==> flow/design.v <==
module gen_add_n #(
    parameter WIDTH = 18,
    parameter NIN = 24,
    parameter RW = WIDTH + $clog2(NIN)
) (
    input ck,
    input clr,
    input en,
    input [NIN*WIDTH-1:0] i_ch,
    output reg [RW-1:0] o_o
);
    reg [NIN*WIDTH-1:0] ch_q;
    wire [RW-1:0] n_ [1:2*NIN-1];
    genvar gi;
    generate
        for (gi = 0; gi < NIN; gi = gi + 1) begin : g_bit
            assign n_[NIN+gi] = ch_q[gi*WIDTH +: WIDTH];
        end
        for (gi = 1; gi < NIN; gi = gi + 1) begin : stage
            assign n_[gi] = n_[2*gi] + n_[2*gi+1];
        end
    endgenerate
    always @(posedge ck or posedge clr) begin
        if (clr) begin
            ch_q <= 0;
            o_o <= 0;
        end else if (en) begin
            ch_q <= i_ch;
            o_o <= n_[1];
        end
    end
endmodule
# ---- Tool chain data of gen_add_n
# Tool output for the design above, in the order of the flow.
# Lines are those of the file above, counted from 1.
# Operators carry their Yosys type and port widths (W data, S select, Z words).
# Library cell names are shortened.
# The mark n/a stands for no value.
dict set report inputs {
  top {gen_add_n}
  clock_port {ck}
  library {sky130hd}
  corner {tt_025C_1v80}
}

# ---- After elaboration
# Source: Yosys, flattened and elaborated. Widths are those after wreduce; folded enables and synchronous resets count as part of the registers. Registers that Yosys merges into a memory's read port (data or address) are not register bits. Print and check cells do not count. Equal cells are merged and count once.
dict set report bits {
  reg_bits 455
  inputBits 435
  output_inout_bits 23
}
dict set report op_classes {
  n_addsub 23
}
# operator n
set op_table {}
lappend op_table {{$add A23 B23 Y23} 11}
lappend op_table {{$add A18 B18 Y19} 12}

# ---- Logic depth
# Depth = most cells in a row (Yosys ltp): at word level without a register or memory, in the mapped netlist without a sequential cell, where the memories' decode and read muxes count.
dict set report logic_depth {
  depth_word 5
  abc_area 0
  mapped_depth 27
  mapped_depth_nobuf 27
}

# ---- Synthesis result
# Yosys stat after the flow's synthesis: flattened, memories mapped to cells. It holds for the ABC_AREA given above (unset counts as 0); a run with the other value may have another netlist.
dict set report synth_totals {
  cells 2765
  yosys_area_um2 31572.8
  flip_flops 455
  n_buf 60
}
# cell_type n
set types {}
lappend types {dfrtp_1 455}
lappend types {mux2_2 433}
lappend types {fa_1 199}
lappend types {ha_1 244}
lappend types {xnor2_1 127}
lappend types {inv_1 258}
lappend types {a21oi_1 154}
lappend types {a21o_1 67}
lappend types {o21ai_0 97}
lappend types {xor2_1 53}
lappend types {nor2_1 114}
lappend types {nand2_1 87}
lappend types {o21a_1 37}
lappend types {nor3_1 46}
lappend types {nor2b_1 36}
lappend types {clkbuf_1 56}
lappend types {nand3_1 30}
lappend types {o21bai_1 16}
# Not listed: further types 57, cells in them 256.

# ---- Path before layout
# Source: OpenSTA report_checks on the synthesized netlist (no wires, ideal clock, input and output delay 20% of the period each), path of least setup slack; recovery checks are left aside. Register names are those of the netlist, which keeps one name where synthesis merged equal registers.
dict set report synth_timing {
  kind {reg2reg}
  from {register ch_q[0]}
  to {register o_o[19]}
  period_ns 8.1
  setup_time_ns 0.125
  launch_ns 0.000
  arrival_time_ns 6.354
  required_time_ns 7.975
  setup_slack_ns 1.621
  delay_ns 6.479
  path_stages 24
  period_less_setup_slack_ns 6.479
}
# "delay_ns" = arrival - input delay + setup time.
# "path_stages" counts driving pins, that of a launching flip-flop among them; a cell with two outputs on the path counts twice.
# "period_less_setup_slack_ns" = period - worst setup slack (recovery checks aside). The figure is calculated, with input and output delays left at 20% of the set period.
# Between the ends stands the longest chain of elaborated cells between them, by number of cells; it is not shown to be the way that was timed. Of several equally long chains one is given.
# A line is the first line of the expression or statement that the cell stems from. Yosys adds cells for indexed reads and writes and turns some case tables into memories.
dict set report synth_via {
  cell_sequence {dfrtp_1 ha_1 fa_1 a211o_1 a2111oi_2 o31ai_1 o221ai_1 nand2b_1 xor2_1 fa_1 fa_1 fa_1 fa_1 inv_1 fa_1 inv_1 ha_1 a21o_1 a21o_1 a21o_1 a311o_1 a31oi_1 xnor2_1 mux2_2}
  elab_chain_len 4
  cone_cells 4
  cone_lines 1
  cone_classes {add/sub: 4}
}
# item line
set synth_lines {}
lappend synth_lines {{start, declared} 12} ;# reg [NIN*WIDTH-1:0] ch_q;
lappend synth_lines {{start, assigned} 25} ;# ch_q <= 0;
lappend synth_lines {{start, assigned} 28} ;# ch_q <= i_ch;
lappend synth_lines {{$add A18 B18 Y19} 20} ;# assign n_[gi] = n_[2*gi] + n_[2*gi+1];
lappend synth_lines {{$add A23 B23 Y23 x3} 20}
lappend synth_lines {{end, assigned} 26} ;# o_o <= 0;
lappend synth_lines {{end, assigned} 29} ;# o_o <= n_[1];
lappend synth_lines {{end, declared} 10} ;# output reg [RW-1:0] o_o

# ---- Worst path after layout
# Path of least setup slack in the final report of stored run 1 (OpenROAD, finished layout, wires in). Where an end is a register, its clock arrival counts in the times.
dict set report layout_timing {
  kind {reg2reg}
  from {register ch_q[147]}
  to {register o_o[19]}
  period_ns 7.81
  setup_time_ns 0.11
  launch_ns 0.62
  arrival_time_ns 7.75
  required_time_ns 8.33
  setup_slack_ns 0.58
  path_stages 26
}
# Between the ends stands the longest chain of elaborated cells between them, by number of cells; it is not shown to be the way that was timed. Of several equally long chains one is given.
dict set report layout_via {
  cell_sequence {dfrtp_1 ha_1 a21oi_1 nor2b_1 a311oi_1 nor4bb_1 o31ai_1 nor2b_1 xnor2_1 fa_1 inv_1 fa_1 inv_1 fa_1 fa_1 inv_1 fa_1 inv_1 ha_1 a21o_1 a21o_1 a21o_1 a311o_1 a31oi_1 xnor2_1 mux2_2}
  elab_chain_len 5
  cone_cells 5
  cone_lines 1
  cone_classes {add/sub: 5}
}
# item line
set layout_lines {}
lappend layout_lines {{start, declared} 12} ;# reg [NIN*WIDTH-1:0] ch_q;
lappend layout_lines {{start, assigned} 25} ;# ch_q <= 0;
lappend layout_lines {{start, assigned} 28} ;# ch_q <= i_ch;
lappend layout_lines {{$add A18 B18 Y19} 20} ;# assign n_[gi] = n_[2*gi] + n_[2*gi+1];
lappend layout_lines {{$add A23 B23 Y23 x4} 20}
lappend layout_lines {{end, assigned} 26} ;# o_o <= 0;
lappend layout_lines {{end, assigned} 29} ;# o_o <= n_[1];
lappend layout_lines {{end, declared} 10} ;# output reg [RW-1:0] o_o

Data sheet: physical implementation of gen_add_n

Record of 3 stored runs of the RTL-to-layout flow on gen_add_n, platform sky130hd. The runs are unordered. Constraints: input delay and output delay 20% of the set period each, output load 0.01 pF.
"achieved_clock_period_ns" is the run's clock period less its worst setup slack. It is reckoned from that one timing run; input and output delays stay at 20% of the period that was set.
By "worst_path_time_ns" is meant the share of the clock period that the worst setup path is allowed (20% is reserved at inputs, 20% at outputs), minus its slack. Clock arrival times at its registers enter into it.

[flow] stored run 1: files
==> flow/run.sh <==
#!/bin/bash
# the make line also repeats the synthesis and layout settings of config.mk as NAME=value (left out here)
make -C /OpenROAD-flow-scripts/flow DESIGN_CONFIG=/design/flow/config.mk WORK_HOME=/design/flow/orfs CLKGATE_MAP_FILE= finish
==> flow/config.mk <==
export PLATFORM = sky130hd
export DESIGN_NAME = gen_add_n
export DESIGN_NICKNAME = gen_add_n
export VERILOG_FILES = /design/flow/design.v
export SDC_FILE = /design/flow/constraint.sdc
export NUM_CORES = 4
export LEC_CHECK = 0
export CAP_MARGIN = 0
export CORE_MARGIN = 2
export CORE_UTILIZATION = 54
export GPL_ROUTABILITY_DRIVEN = 1
export MIN_ROUTING_LAYER = met2
export PLACE_DENSITY_LB_ADDON = 0.14
export SETUP_SLACK_MARGIN = -0.0
export SLEW_MARGIN = 10
==> flow/constraint.sdc <==
create_clock -name core_clock -period 7.81 [get_ports {ck}]
set_input_delay 1.5620 -clock core_clock [delete_from_list [all_inputs] [get_ports {ck}]]
set_output_delay 1.5620 -clock core_clock [all_outputs]
set_load 0.01 [all_outputs]

[flow] stored run 1: metrics
[metrics] final_die_area_um2 = 60417.6
[metrics] setup_ws_ns = 0.576
[metrics] ys_area_um2 = 31572.8
[metrics] post_route_util_pct = 67.0
[metrics] worst_path_time_ns = 7.23
[metrics] critical_path_kind = reg2reg
[metrics] worst_hold_slack_ns = 0.493
[metrics] final_cell_area_um2 = 38720.9
[metrics] setupTns_ns = 0.000
[metrics] achieved_clock_period_ns = 7.234

[flow] stored run 2: files
==> flow/run.sh <==
#!/bin/bash
# the make line also repeats the synthesis and layout settings of config.mk as NAME=value (left out here)
make -C /OpenROAD-flow-scripts/flow DESIGN_CONFIG=/design/flow/config.mk WORK_HOME=/design/flow/orfs CLKGATE_MAP_FILE= finish
==> flow/config.mk <==
export PLATFORM = sky130hd
export DESIGN_NAME = gen_add_n
export DESIGN_NICKNAME = gen_add_n
export VERILOG_FILES = /design/flow/design.v
export SDC_FILE = /design/flow/constraint.sdc
export NUM_CORES = 4
export LEC_CHECK = 0
export CAP_MARGIN = 15
export CORE_ASPECT_RATIO = 1.64
export CORE_MARGIN = 2
export CORE_UTILIZATION = 47
export CTS_CLUSTER_SIZE = 86
export GPL_TIMING_DRIVEN = 1
export MIN_ROUTING_LAYER = met2
export SETUP_SLACK_MARGIN = 1.89
export SLEW_MARGIN = 20
==> flow/constraint.sdc <==
create_clock -name core_clock -period 8.95 [get_ports {ck}]
set_input_delay 1.7900 -clock core_clock [delete_from_list [all_inputs] [get_ports {ck}]]
set_output_delay 1.7900 -clock core_clock [all_outputs]
set_load 0.01 [all_outputs]

[flow] stored run 2: metrics
[metrics] final_die_area_um2 = 69329.5
[metrics] setup_ws_ns = 1.973
[metrics] ys_area_um2 = 31572.8
[metrics] post_route_util_pct = 58.8
[metrics] worst_path_time_ns = 6.98
[metrics] critical_path_kind = reg2reg
[metrics] worst_hold_slack_ns = 0.500
[metrics] final_cell_area_um2 = 39106.3
[metrics] setupTns_ns = 0.000
[metrics] achieved_clock_period_ns = 6.977

[flow] stored run 3: files
==> flow/run.sh <==
#!/bin/bash
# the make line also repeats the synthesis and layout settings of config.mk as NAME=value (left out here)
make -C /OpenROAD-flow-scripts/flow DESIGN_CONFIG=/design/flow/config.mk WORK_HOME=/design/flow/orfs CLKGATE_MAP_FILE= finish
==> flow/config.mk <==
export PLATFORM = sky130hd
export DESIGN_NAME = gen_add_n
export DESIGN_NICKNAME = gen_add_n
export VERILOG_FILES = /design/flow/design.v
export SDC_FILE = /design/flow/constraint.sdc
export NUM_CORES = 4
export LEC_CHECK = 0
export CAP_MARGIN = 20
export CORE_MARGIN = 2
export CORE_UTILIZATION = 40
export SLEW_MARGIN = 20
==> flow/constraint.sdc <==
create_clock -name core_clock -period 8.1 [get_ports {ck}]
set_input_delay 1.6200 -clock core_clock [delete_from_list [all_inputs] [get_ports {ck}]]
set_output_delay 1.6200 -clock core_clock [all_outputs]
set_load 0.01 [all_outputs]

[flow] stored run 3: metrics
[metrics] final_die_area_um2 = 81196.5
[metrics] setup_ws_ns = 0.983
[metrics] ys_area_um2 = 31572.8
[metrics] post_route_util_pct = 49.9
[metrics] worst_path_time_ns = 7.12
[metrics] critical_path_kind = reg2reg
[metrics] worst_hold_slack_ns = 0.508
[metrics] final_cell_area_um2 = 39258.9
[metrics] setupTns_ns = 0.000
[metrics] achieved_clock_period_ns = 7.117
